==> flow/design.v <==
module mul_core_rtl #(
   parameter WIDTH = 7
) (
   input  wire clk,
   input  wire rst_i,
   input  wire [WIDTH-1:0] A,
   output reg [2*WIDTH-1:0] p
);
   reg [WIDTH-1:0] A_q;
   always @(posedge clk) begin
      if (rst_i) begin
         A_q <= 0;
         p <= 0;
      end else begin
         A_q <= A;
         p <= A_q * A_q;
      end
   end
endmodule
Reports on mul_core_rtl
Module mul_core_rtl in several versions that differ in "WIDTH"; each step lists the members.
The file above is the member WIDTH=7. Line numbers count from 1 in each member's own file.
Operators carry their Yosys type and port widths (W data, S select, Z words).
Cell names lack the library's common part.
{"block": "design", "top_module": "mul_core_rtl", "clock_port": "clk", "cell_library": "sky130hd", "pvt_corner": "tt_025C_1v80"}

Source of the members
New or changed lines of each further member against the RTL above, in its own file; lines it lacks are not shown.
{"block": "src_changes", "WIDTH": 18, "line_no": 2, "source": "parameter WIDTH = 18"}
{"block": "src_changes", "WIDTH": 22, "line_no": 2, "source": "parameter WIDTH = 22"}
{"block": "src_changes", "WIDTH": 28, "line_no": 2, "source": "parameter WIDTH = 28"}
{"block": "src_changes", "WIDTH": 32, "line_no": 2, "source": "parameter WIDTH = 32"}

Word level
Counts by Yosys on the flattened word-level netlist (proc, flatten, opt, wreduce; memories kept). Register bits leave out memories and registers merged into their read ports (data or address); mux counts leave out enables and synchronous resets folded into registers. Print and check cells are left out. Cells with the same type and inputs are merged into one.
{"block": "bits", "WIDTH": 7, "ff_bits": 21, "out_inout_bits": 14, "word_cells": 3}
{"block": "bits", "WIDTH": 18, "ff_bits": 54, "out_inout_bits": 36, "word_cells": 3}
{"block": "bits", "WIDTH": 22, "ff_bits": 66, "out_inout_bits": 44, "word_cells": 3}
{"block": "bits", "WIDTH": 28, "ff_bits": 84, "out_inout_bits": 56, "word_cells": 3}
{"block": "bits", "WIDTH": 32, "ff_bits": 96, "out_inout_bits": 64, "word_cells": 3}
{"block": "op_classes", "WIDTH": 7, "n_mul": 1}
{"block": "op_classes", "WIDTH": 18, "n_mul": 1}
{"block": "op_classes", "WIDTH": 22, "n_mul": 1}
{"block": "op_classes", "WIDTH": 28, "n_mul": 1}
{"block": "op_classes", "WIDTH": 32, "n_mul": 1}
{"block": "ops", "WIDTH": 7, "operators": "1 x $mul A7 B7 Y14"}
{"block": "ops", "WIDTH": 18, "operators": "1 x $mul A18 B18 Y36"}
{"block": "ops", "WIDTH": 22, "operators": "1 x $mul A22 B22 Y44"}
{"block": "ops", "WIDTH": 28, "operators": "1 x $mul A28 B28 Y56"}
{"block": "ops", "WIDTH": 32, "operators": "1 x $mul A32 B32 Y64"}

Logic depth
Yosys ltp: most cells in a row. Word level: on the elaborated netlist, between registers, memories and ports. Mapped: between sequential cells and ports; inverters and the memories' decode and read muxes count.
{"block": "logic_depth", "WIDTH": 7, "ltp_word": 1, "abc_area": 0, "ltp_mapped": 16}
{"block": "logic_depth", "WIDTH": 18, "ltp_word": 1, "abc_area": 0, "ltp_mapped": 25}
{"block": "logic_depth", "WIDTH": 22, "ltp_word": 1, "abc_area": 0, "ltp_mapped": 24}
{"block": "logic_depth", "WIDTH": 28, "ltp_word": 1, "abc_area": 0, "ltp_mapped": 28}
{"block": "logic_depth", "WIDTH": 32, "ltp_word": 1, "abc_area": 0, "ltp_mapped": 29}

Mapped cells and area
Source: synth_stat.txt of the flow (Yosys; design flattened, memories mapped). It holds for the ABC_AREA given above (unset counts as 0); a run with the other value may have another netlist.
{"block": "types", "WIDTH": 7, "cell_types": "20 x dfxtp_1; 26 x ha_1; 13 x fa_1; 13 x and2_1; 21 x inv_1; 11 x nor2b_1; 15 x nand2_1; 6 x xnor2_1; 8 x nor3_1; 5 x a21o_1; 9 x nor2_1; 6 x a21oi_1; 4 x nor3b_1; 7 x clkbuf_1; 5 x o21ai_0; 1 x a211oi_4; 2 x mux2i_1; 3 x nand2b_1; (+34)"}
{"block": "types", "WIDTH": 18, "cell_types": "217 x fa_1; 112 x ha_1; 321 x inv_1; 53 x dfxtp_1; 118 x nand2_1; 61 x and2_1; 31 x nor2b_1; 33 x a21oi_1; 38 x nor2_1; 16 x xnor2_1; 15 x a21o_1; 30 x clkbuf_1; 16 x o21ai_0; 14 x nor3_1; 8 x xor2_1; 5 x mux2_2; 7 x o21a_1; 4 x buf_6; (+77)"}
{"block": "types", "WIDTH": 22, "cell_types": "341 x fa_1; 164 x ha_1; 440 x inv_1; 65 x dfxtp_1; 93 x and2_1; 153 x nand2_1; 77 x nor2_1; 55 x a21oi_1; 40 x nor2b_1; 60 x clkbuf_1; 24 x xor2_1; 21 x xnor2_1; 23 x a21o_1; 21 x o21ai_0; 16 x nand4_1; 7 x mux2_2; 9 x o21a_1; 8 x o211ai_1; (+98)"}
{"block": "types", "WIDTH": 28, "cell_types": "602 x fa_1; 847 x inv_1; 218 x ha_1; 83 x dfxtp_1; 155 x and2_1; 230 x nand2_1; 105 x nor2_1; 73 x a21oi_1; 37 x xnor2_1; 85 x clkbuf_1; 42 x nor2b_1; 31 x a21o_1; 24 x xor2_1; 32 x o21ai_0; 17 x nand4_1; 9 x o21bai_1; 8 x and3_1; 4 x mux2_2; (+87)"}
{"block": "types", "WIDTH": 32, "cell_types": "792 x fa_1; 299 x ha_1; 978 x inv_1; 95 x dfxtp_1; 245 x and2_1; 297 x nand2_1; 140 x clkbuf_1; 51 x xnor2_1; 85 x a21oi_1; 113 x nor2_1; 46 x xor2_1; 46 x nor2b_1; 31 x a21o_1; 42 x o21ai_0; 23 x nand4_1; 18 x o21bai_1; 13 x a31o_2; 17 x nand3_1; (+123)"}
A list marked (+n) leaves out that many cells.
{"block": "synth_totals", "WIDTH": 7, "stdcells": 209, "mapped_area_um2": 1881.8, "seqArea_um2": 400.4, "ff_cells": 20}
{"block": "synth_totals", "WIDTH": 18, "stdcells": 1176, "mapped_area_um2": 10666.5, "seqArea_um2": 1061.0, "ff_cells": 53}
{"block": "synth_totals", "WIDTH": 22, "stdcells": 1715, "mapped_area_um2": 15717.6, "seqArea_um2": 1301.2, "ff_cells": 65}
{"block": "synth_totals", "WIDTH": 28, "stdcells": 2689, "mapped_area_um2": 24681.2, "seqArea_um2": 1661.6, "ff_cells": 83}
{"block": "synth_totals", "WIDTH": 32, "stdcells": 3454, "mapped_area_um2": 32135.8, "seqArea_um2": 1901.8, "ff_cells": 95}

Path before layout
Path of least setup slack by OpenSTA after synthesis, without wires, with an ideal clock, recovery checks aside; 20% of the period is set as input and as output delay. Where synthesis merged equal registers, the netlist keeps one of their names.
{"block": "synth_timing", "WIDTH": 7, "path_type": "register to register", "from": "reg A_q[5]", "to": "reg p[13]", "tclk_ns": 5.14, "path_slack_ns": 1.027, "stages": 17, "delay_ns": 4.112, "period_less_setup_slack_ns": 4.113}
{"block": "synth_timing", "WIDTH": 18, "path_type": "register to register", "from": "reg A_q[9]", "to": "reg p[34]", "tclk_ns": 7.4, "path_slack_ns": 1.477, "stages": 23, "delay_ns": 5.923, "period_less_setup_slack_ns": 5.923}
{"block": "synth_timing", "WIDTH": 22, "path_type": "register to register", "from": "reg A_q[6]", "to": "reg p[28]", "tclk_ns": 8.13, "path_slack_ns": 1.627, "stages": 24, "delay_ns": 6.503, "period_less_setup_slack_ns": 6.503}
{"block": "synth_timing", "WIDTH": 28, "path_type": "register to register", "from": "reg A_q[16]", "to": "reg p[50]", "tclk_ns": 8.56, "path_slack_ns": 1.712, "stages": 26, "delay_ns": 6.849, "period_less_setup_slack_ns": 6.848}
{"block": "synth_timing", "WIDTH": 32, "path_type": "register to register", "from": "reg A_q[27]", "to": "reg p[56]", "tclk_ns": 9.33, "path_slack_ns": 1.865, "stages": 28, "delay_ns": 7.466, "period_less_setup_slack_ns": 7.465}
"delay_ns" = arrival - input delay + setup time.
"stages" counts driving pins, that of a launching flip-flop among them; a cell with two outputs on the path counts twice.
"period_less_setup_slack_ns" = period - worst setup slack (recovery checks aside). The figure is calculated, with input and output delays left at 20% of the set period.
The rows between start and end are the longest chain of elaborated cells between them; the timing report does not say that the signal goes this way. Where chains are equally long, one stands for them.
A line is the first line of the expression or statement that the cell stems from. Yosys adds cells for indexed reads and writes and turns some case tables into memories.
{"block": "synth_between_WIDTH_7", "elab_chain_cells": 1}
{"block": "synth_rtl_WIDTH_7", "item": "start, declared", "line_no": 9, "source": "reg [WIDTH-1:0] A_q;"}
{"block": "synth_rtl_WIDTH_7", "item": "start, assigned", "line_no": 12, "source": "A_q <= 0;"}
{"block": "synth_rtl_WIDTH_7", "item": "start, assigned", "line_no": 15, "source": "A_q <= A;"}
{"block": "synth_rtl_WIDTH_7", "item": "$mul A7 B7 Y14", "line_no": 16, "source": "p <= A_q * A_q;"}
{"block": "synth_rtl_WIDTH_7", "item": "end, assigned", "line_no": 13, "source": "p <= 0;"}
{"block": "synth_rtl_WIDTH_7", "item": "end, assigned", "line_no": 16}
{"block": "synth_rtl_WIDTH_7", "item": "end, declared", "line_no": 7, "source": "output reg [2*WIDTH-1:0] p"}
{"block": "synth_between_WIDTH_32", "elab_chain_cells": 1}
{"block": "synth_rtl_WIDTH_32", "item": "start, declared", "line_no": 9, "source": "reg [WIDTH-1:0] A_q;"}
{"block": "synth_rtl_WIDTH_32", "item": "start, assigned", "line_no": 12, "source": "A_q <= 0;"}
{"block": "synth_rtl_WIDTH_32", "item": "start, assigned", "line_no": 15, "source": "A_q <= A;"}
{"block": "synth_rtl_WIDTH_32", "item": "$mul A32 B32 Y64", "line_no": 16, "source": "p <= A_q * A_q;"}
{"block": "synth_rtl_WIDTH_32", "item": "end, assigned", "line_no": 13, "source": "p <= 0;"}
{"block": "synth_rtl_WIDTH_32", "item": "end, assigned", "line_no": 16}
{"block": "synth_rtl_WIDTH_32", "item": "end, declared", "line_no": 7, "source": "output reg [2*WIDTH-1:0] p"}

Worst path after layout
From the final timing report of each member's run: the path of least setup slack in the routed layout; clock arrival at registers is part of the times.
{"block": "layout_timing", "WIDTH": 7, "path_type": "register to register", "from": "reg A_q[0]", "to": "reg p[12]", "tclk_ns": 5.14, "path_slack_ns": 0.82, "stages": 16, "arrival_ns": 4.48}
{"block": "layout_timing", "WIDTH": 18, "path_type": "register to register", "from": "reg A_q[4]", "to": "reg p[31]", "tclk_ns": 7.4, "path_slack_ns": 0.87, "stages": 19, "arrival_ns": 6.74}
{"block": "layout_timing", "WIDTH": 22, "path_type": "register to register", "from": "reg A_q[13]", "to": "reg p[28]", "tclk_ns": 8.13, "path_slack_ns": 0.84, "stages": 21, "arrival_ns": 7.53}
{"block": "layout_timing", "WIDTH": 28, "path_type": "register to register", "from": "reg A_q[15]", "to": "reg p[50]", "tclk_ns": 8.56, "path_slack_ns": 0.78, "stages": 24, "arrival_ns": 8.04}
{"block": "layout_timing", "WIDTH": 32, "path_type": "register to register", "from": "reg A_q[17]", "to": "reg p[60]", "tclk_ns": 9.33, "path_slack_ns": 0.85, "stages": 24, "arrival_ns": 8.74}

Flow runs
One run of the flow (Yosys, OpenROAD) for each member, with settings and measured results. Input and output delays are each 20% of the period that was set; the output load is 0.01 pF.
{"block": "flow_settings", "CAP_MARGIN": 20, "CORE_MARGIN": 2, "CORE_UTILIZATION": 40, "SLEW_MARGIN": 20}
{"block": "settings_by_member", "WIDTH": 7, "period_ns": 5.14}
{"block": "settings_by_member", "WIDTH": 18, "period_ns": 7.4}
{"block": "settings_by_member", "WIDTH": 22, "period_ns": 8.13}
{"block": "settings_by_member", "WIDTH": 28, "period_ns": 8.56}
{"block": "settings_by_member", "WIDTH": 32, "period_ns": 9.33}
{"block": "results", "WIDTH": 7, "yosys.chip_area_um2": 1881.8, "total_die_area_um2": 5269.3, "layout_stdcell_area_um2": 2185.8, "fin_util_frac": 0.492, "worst_setup_slack_ns": 0.824, "fin_tns_ns": 0.000, "holdWs_ns": 0.642, "total_power_mw": 0.4273, "timing.achieved_period_ns": 4.316}
{"block": "results", "WIDTH": 18, "yosys.chip_area_um2": 10666.5, "total_die_area_um2": 27987.6, "layout_stdcell_area_um2": 11685.0, "fin_util_frac": 0.447, "worst_setup_slack_ns": 0.872, "fin_tns_ns": 0.000, "holdWs_ns": 0.817, "total_power_mw": 1.989, "timing.achieved_period_ns": 6.528}
{"block": "results", "WIDTH": 22, "yosys.chip_area_um2": 15717.6, "total_die_area_um2": 40895.0, "layout_stdcell_area_um2": 17250.3, "fin_util_frac": 0.445, "worst_setup_slack_ns": 0.843, "fin_tns_ns": 0.000, "holdWs_ns": 1.006, "total_power_mw": 3.221, "timing.achieved_period_ns": 7.287}
{"block": "results", "WIDTH": 28, "yosys.chip_area_um2": 24681.2, "total_die_area_um2": 63705.8, "layout_stdcell_area_um2": 26694.4, "fin_util_frac": 0.435, "worst_setup_slack_ns": 0.782, "fin_tns_ns": 0.000, "holdWs_ns": 0.788, "total_power_mw": 5.529, "timing.achieved_period_ns": 7.778}
{"block": "results", "WIDTH": 32, "yosys.chip_area_um2": 32135.8, "total_die_area_um2": 82621.8, "layout_stdcell_area_um2": 34561.9, "fin_util_frac": 0.436, "worst_setup_slack_ns": 0.855, "fin_tns_ns": 0.000, "holdWs_ns": 0.939, "total_power_mw": 7.826, "timing.achieved_period_ns": 8.475}
"timing.achieved_period_ns" means the clock period less the worst setup slack. The figure is calculated, with input and output delays left at 20% of the set period.
"total_power_mw" rests on the timing tool's default activity at the inputs, not on a simulated workload.
